==> flow/design.v <==
module u_subtractor_blk #(
  parameter W = 18
) (
  input  logic ck,
  input  logic [W-1:0] arg0,
  input  logic [W-1:0] arg1,
  input  logic mode,
  output logic [W:0] q
);
  always_ff @(posedge ck) begin
    q <= mode ? arg0 - arg1 : arg0 + arg1;
  end
endmodule
Wiki page: u_subtractor_blk / tool data

**From RTL to reports: u_subtractor_blk**

A sweep over "W": the same steps for each member of the family.
The RTL above is that of W 18; lines are counted from 1 in the file of the member named.
A cell with n/a has no value.

- Design top: u_subtractor_blk
- Clock input: ck
- Cell library: sky130hd
- Timing corner: tt_025C_1v80

**Members of the sweep**

New or changed lines of each further member against the RTL above, in its own file; lines it lacks are not shown.

New or changed lines:

| W | line | source |
|---|---|---|
| 36 | 2 | `parameter W = 36` |
| 40 | 2 | `parameter W = 40` |
| 128 | 2 | `parameter W = 128` |

**After elaboration**

Counts by Yosys on the flattened word-level netlist (proc, flatten, opt, wreduce; memories kept). Register bits leave out memories and registers merged into their read ports (data or address); mux counts leave out enables and synchronous resets folded into registers. Print and check cells are left out. Cells with the same type and inputs are merged into one.

Storage and ports:

| W | input port bits | output and inout port bits | flip-flop bits (word level) |
|---|---|---|---|
| 18 | 38 | 19 | 19 |
| 36 | 74 | 37 | 37 |
| 40 | 82 | 41 | 41 |
| 128 | 258 | 129 | 129 |

Cells by class:

| W | add/subtract/negate cells | mux-type cells |
|---|---|---|
| 18 | 2 | 1 |
| 36 | 2 | 1 |
| 40 | 2 | 1 |
| 128 | 2 | 1 |

Operators with widths:

| W | kinds with counts |
|---|---|
| 18 | 18-bit by 18-bit adder with 19-bit output: 1; 18-bit by 18-bit subtractor with 19-bit output: 1; 19-bit 2-to-1 mux: 1 |
| 36 | 36-bit by 36-bit adder with 37-bit output: 1; 36-bit by 36-bit subtractor with 37-bit output: 1; 37-bit 2-to-1 mux: 1 |
| 40 | 40-bit by 40-bit adder with 41-bit output: 1; 40-bit by 40-bit subtractor with 41-bit output: 1; 41-bit 2-to-1 mux: 1 |
| 128 | 128-bit by 128-bit adder with 129-bit output: 1; 128-bit by 128-bit subtractor with 129-bit output: 1; 129-bit 2-to-1 mux: 1 |

**Depth**

Yosys ltp: most cells in a row. Word level: on the elaborated netlist, between registers, memories and ports. Mapped: between sequential cells and ports; inverters and the memories' decode and read muxes count.

Logic depth:

| W | word-level depth | ABC_AREA | gate-level depth with buffers |
|---|---|---|---|
| 18 | 2 | 0 | 13 |
| 36 | 2 | 0 | 17 |
| 40 | 2 | 0 | 16 |
| 128 | 2 | 0 | 25 |

**Synthesis result**

Source: synth_stat.txt of the flow (Yosys; design flattened, memories mapped). It holds for the ABC_AREA given above (unset counts as 0); a run with the other value may have another netlist.

Cells by type:

| W | types with counts |
|---|---|
| 18 | sky130_fd_sc_hd__dfxtp_1: 19; sky130_fd_sc_hd__ha_1: 19; sky130_fd_sc_hd__xnor2_1: 20; sky130_fd_sc_hd__nor2_1: 23; sky130_fd_sc_hd__a21oi_1: 17; sky130_fd_sc_hd__o21ai_0: 17; sky130_fd_sc_hd__xor2_1: 9; sky130_fd_sc_hd__nand2_1: 16; sky130_fd_sc_hd__a21oi_4: 2; sky130_fd_sc_hd__a21o_1: 4; sky130_fd_sc_hd__inv_1: 8; sky130_fd_sc_hd__o21a_1: 4; sky130_fd_sc_hd__a2111oi_4: 1; sky130_fd_sc_hd__o31ai_2: 2; sky130_fd_sc_hd__a211oi_1: 3; sky130_fd_sc_hd__nor4_4: 1; sky130_fd_sc_hd__fa_1: 1; sky130_fd_sc_hd__nor3_1: 4; [+37] |
| 36 | sky130_fd_sc_hd__dfxtp_1: 37; sky130_fd_sc_hd__xnor2_1: 57; sky130_fd_sc_hd__ha_1: 37; sky130_fd_sc_hd__a21oi_1: 51; sky130_fd_sc_hd__nor2_1: 42; sky130_fd_sc_hd__a21o_1: 20; sky130_fd_sc_hd__o21ai_0: 21; sky130_fd_sc_hd__nand2_1: 25; sky130_fd_sc_hd__a31oi_1: 14; sky130_fd_sc_hd__inv_1: 21; sky130_fd_sc_hd__xor2_1: 9; sky130_fd_sc_hd__o21bai_1: 6; sky130_fd_sc_hd__and3_1: 7; sky130_fd_sc_hd__a41oi_1: 4; sky130_fd_sc_hd__nand3_1: 7; sky130_fd_sc_hd__nor3_1: 7; sky130_fd_sc_hd__nor2b_1: 5; sky130_fd_sc_hd__clkbuf_1: 8; [+47] |
| 40 | sky130_fd_sc_hd__dfxtp_1: 41; sky130_fd_sc_hd__ha_1: 41; sky130_fd_sc_hd__xnor2_1: 58; sky130_fd_sc_hd__a21oi_1: 75; sky130_fd_sc_hd__nor2_1: 55; sky130_fd_sc_hd__nand2_1: 44; sky130_fd_sc_hd__xor2_1: 18; sky130_fd_sc_hd__o21ai_0: 24; sky130_fd_sc_hd__nand4_1: 16; sky130_fd_sc_hd__nor3_1: 17; sky130_fd_sc_hd__a21o_1: 9; sky130_fd_sc_hd__inv_1: 16; sky130_fd_sc_hd__o21a_1: 8; sky130_fd_sc_hd__nand3_1: 11; sky130_fd_sc_hd__clkbuf_1: 14; sky130_fd_sc_hd__a31oi_1: 8; sky130_fd_sc_hd__o41ai_2: 3; sky130_fd_sc_hd__and2_1: 6; [+70] |
| 128 | sky130_fd_sc_hd__dfxtp_1: 129; sky130_fd_sc_hd__xnor2_1: 201; sky130_fd_sc_hd__ha_1: 129; sky130_fd_sc_hd__a21oi_1: 268; sky130_fd_sc_hd__nor2_1: 197; sky130_fd_sc_hd__nand2_1: 150; sky130_fd_sc_hd__o21ai_0: 109; sky130_fd_sc_hd__xor2_1: 49; sky130_fd_sc_hd__a21o_1: 54; sky130_fd_sc_hd__nand4_1: 63; sky130_fd_sc_hd__nor3_1: 58; sky130_fd_sc_hd__clkbuf_1: 71; sky130_fd_sc_hd__o21bai_1: 34; sky130_fd_sc_hd__a31oi_1: 38; sky130_fd_sc_hd__inv_1: 59; sky130_fd_sc_hd__or3_1: 28; sky130_fd_sc_hd__nor4_1: 27; sky130_fd_sc_hd__o21a_1: 21; [+212] |

The mark [+n] counts cells that are not listed.

Mapped netlist:

| W | sequential area (um^2) | flip-flops | buffer cells | mapped cells | cell area after synthesis (um^2) |
|---|---|---|---|---|---|
| 18 | 380.4 | 19 | 2 | 207 | 1739.2 |
| 36 | 740.7 | 37 | 8 | 425 | 3368.2 |
| 40 | 820.8 | 41 | 20 | 534 | 4036.4 |
| 128 | 2582.5 | 129 | 81 | 1897 | 13797.0 |

**Path before layout**

Source: OpenSTA report_checks on the synthesized netlist (no wires, ideal clock, input and output delay 20% of the period each), path of least setup slack; recovery checks are left aside. Register names are those of the netlist, which keeps one name where synthesis merged equal registers.

Timing path post-synthesis:

| W | path kind | start | end | clock period (ns) | delay of the path (ns) | driving pins on the path | setup slack (ns) | synthesis period reached (ns) |
|---|---|---|---|---|---|---|---|---|
| 18 | input-to-reg | in arg1[8] | reg q[18] | 3.71 | 2.374 | 12 | 0.593 | 3.117 |
| 36 | input-to-reg | in arg1[18] | reg q[36] | 5.09 | 3.260 | 15 | 0.812 | 4.278 |
| 40 | input-to-reg | in arg1[4] | reg q[38] | 5.31 | 3.399 | 16 | 0.849 | 4.461 |
| 128 | input-to-reg | in arg1[18] | reg q[111] | 7.92 | 5.070 | 22 | 1.265 | 6.655 |

"delay of the path" is the arrival time less input delay plus setup time.
"driving pins on the path": output pins that drive a net of the path, with the launching flip-flop's if there is one; two outputs of one cell count as two.
"synthesis period reached" is the clock period less the worst setup slack; recovery checks do not enter. This is arithmetic on one report: input and output delays are still those of the set period (20% each).
The rows between start and end are the longest chain of elaborated cells between them; the timing report does not say that the signal goes this way. Where chains are equally long, one stands for them.
Each line given opens the expression or statement behind the cell; cells for indexed reads and writes are added by Yosys, which also makes memories of some case tables.

On the way, post-synthesis, W 18:
- Cells in the longest elaborated chain: 2

Ends and longest elaborated chain, post-synthesis, W 18:

| item | line | source |
|---|---|---|
| start: declaration | 6 | `input  logic [W-1:0] arg1,` |
| 18-bit by 18-bit adder with 19-bit output | 11 | `q <= mode ? arg0 - arg1 : arg0 + arg1;` |
| 19-bit 2-to-1 mux | 11 |  |
| end: assignment | 11 |  |
| end: declaration | 8 | `output logic [W:0] q` |

On the way, post-synthesis, W 128:
- Cells in the longest elaborated chain: 2

Ends and longest elaborated chain, post-synthesis, W 128:

| item | line | source |
|---|---|---|
| start: declaration | 6 | `input  logic [W-1:0] arg1,` |
| 128-bit by 128-bit adder with 129-bit output | 11 | `q <= mode ? arg0 - arg1 : arg0 + arg1;` |
| 129-bit 2-to-1 mux | 11 |  |
| end: assignment | 11 |  |
| end: declaration | 8 | `output logic [W:0] q` |

**Worst path after layout**

Path of least setup slack in the final report of the run of each member (OpenROAD, finished layout, wires in). Where an end is a register, its clock arrival counts in the times.

Timing path after layout:

| W | path kind | start | end | arrival (ns) | setup slack (ns) | clock period (ns) | driving pins on the path |
|---|---|---|---|---|---|---|---|
| 18 | input-to-reg | in arg1[0] | reg q[15] | 3.63 | 0.27 | 3.71 | 13 |
| 36 | input-to-reg | in arg1[3] | reg q[32] | 4.94 | 0.36 | 5.09 | 16 |
| 40 | input-to-reg | in arg1[22] | reg q[38] | 5.25 | 0.32 | 5.31 | 16 |
| 128 | input-to-reg | in arg1[24] | reg q[122] | 7.95 | 0.33 | 7.92 | 25 |

**Flow runs**

One run of the flow (Yosys, OpenROAD) for each member, with settings and measured results. Input and output delays are each 20% of the period that was set; the output load is 0.01 pF.

- CAP_MARGIN: 20
- CORE_MARGIN: 2
- CORE_UTILIZATION: 40
- SLEW_MARGIN: 20

Settings by member:

| W | period_ns |
|---|---|
| 18 | 3.71 |
| 36 | 5.09 |
| 40 | 5.31 |
| 128 | 7.92 |

Final reports:

| W | standard-cell area after routing (um^2) | lowest setup slack (ns) | chip area after synthesis (Yosys) (um^2) | utilization of the finished layout | post-route worst hold slack (ns) | summed negative setup slack (ns) | total design power (W) | reached clock period (ns) | die size (um^2) |
|---|---|---|---|---|---|---|---|---|---|
| 18 | 2660.1 | 0.267 | 1739.2 | 0.651 | 1.114 | 0.000 | 0.001016 | 3.443 | 4891.6 |
| 36 | 4762.1 | 0.364 | 3368.2 | 0.582 | 1.372 | 0.000 | 0.001373 | 4.726 | 9170.9 |
| 40 | 5690.5 | 0.325 | 4036.4 | 0.582 | 1.413 | 0.000 | 0.001565 | 4.985 | 10910.8 |
| 128 | 19090.8 | 0.330 | 13797.0 | 0.557 | 1.796 | 0.000 | 0.003899 | 7.590 | 35993.7 |

"reached clock period": clock period set for the run, less the worst setup slack. It is reckoned from that one timing run; input and output delays stay at 20% of the period that was set.
"total design power": no workload was simulated; the value follows from the tool's default switching activity.
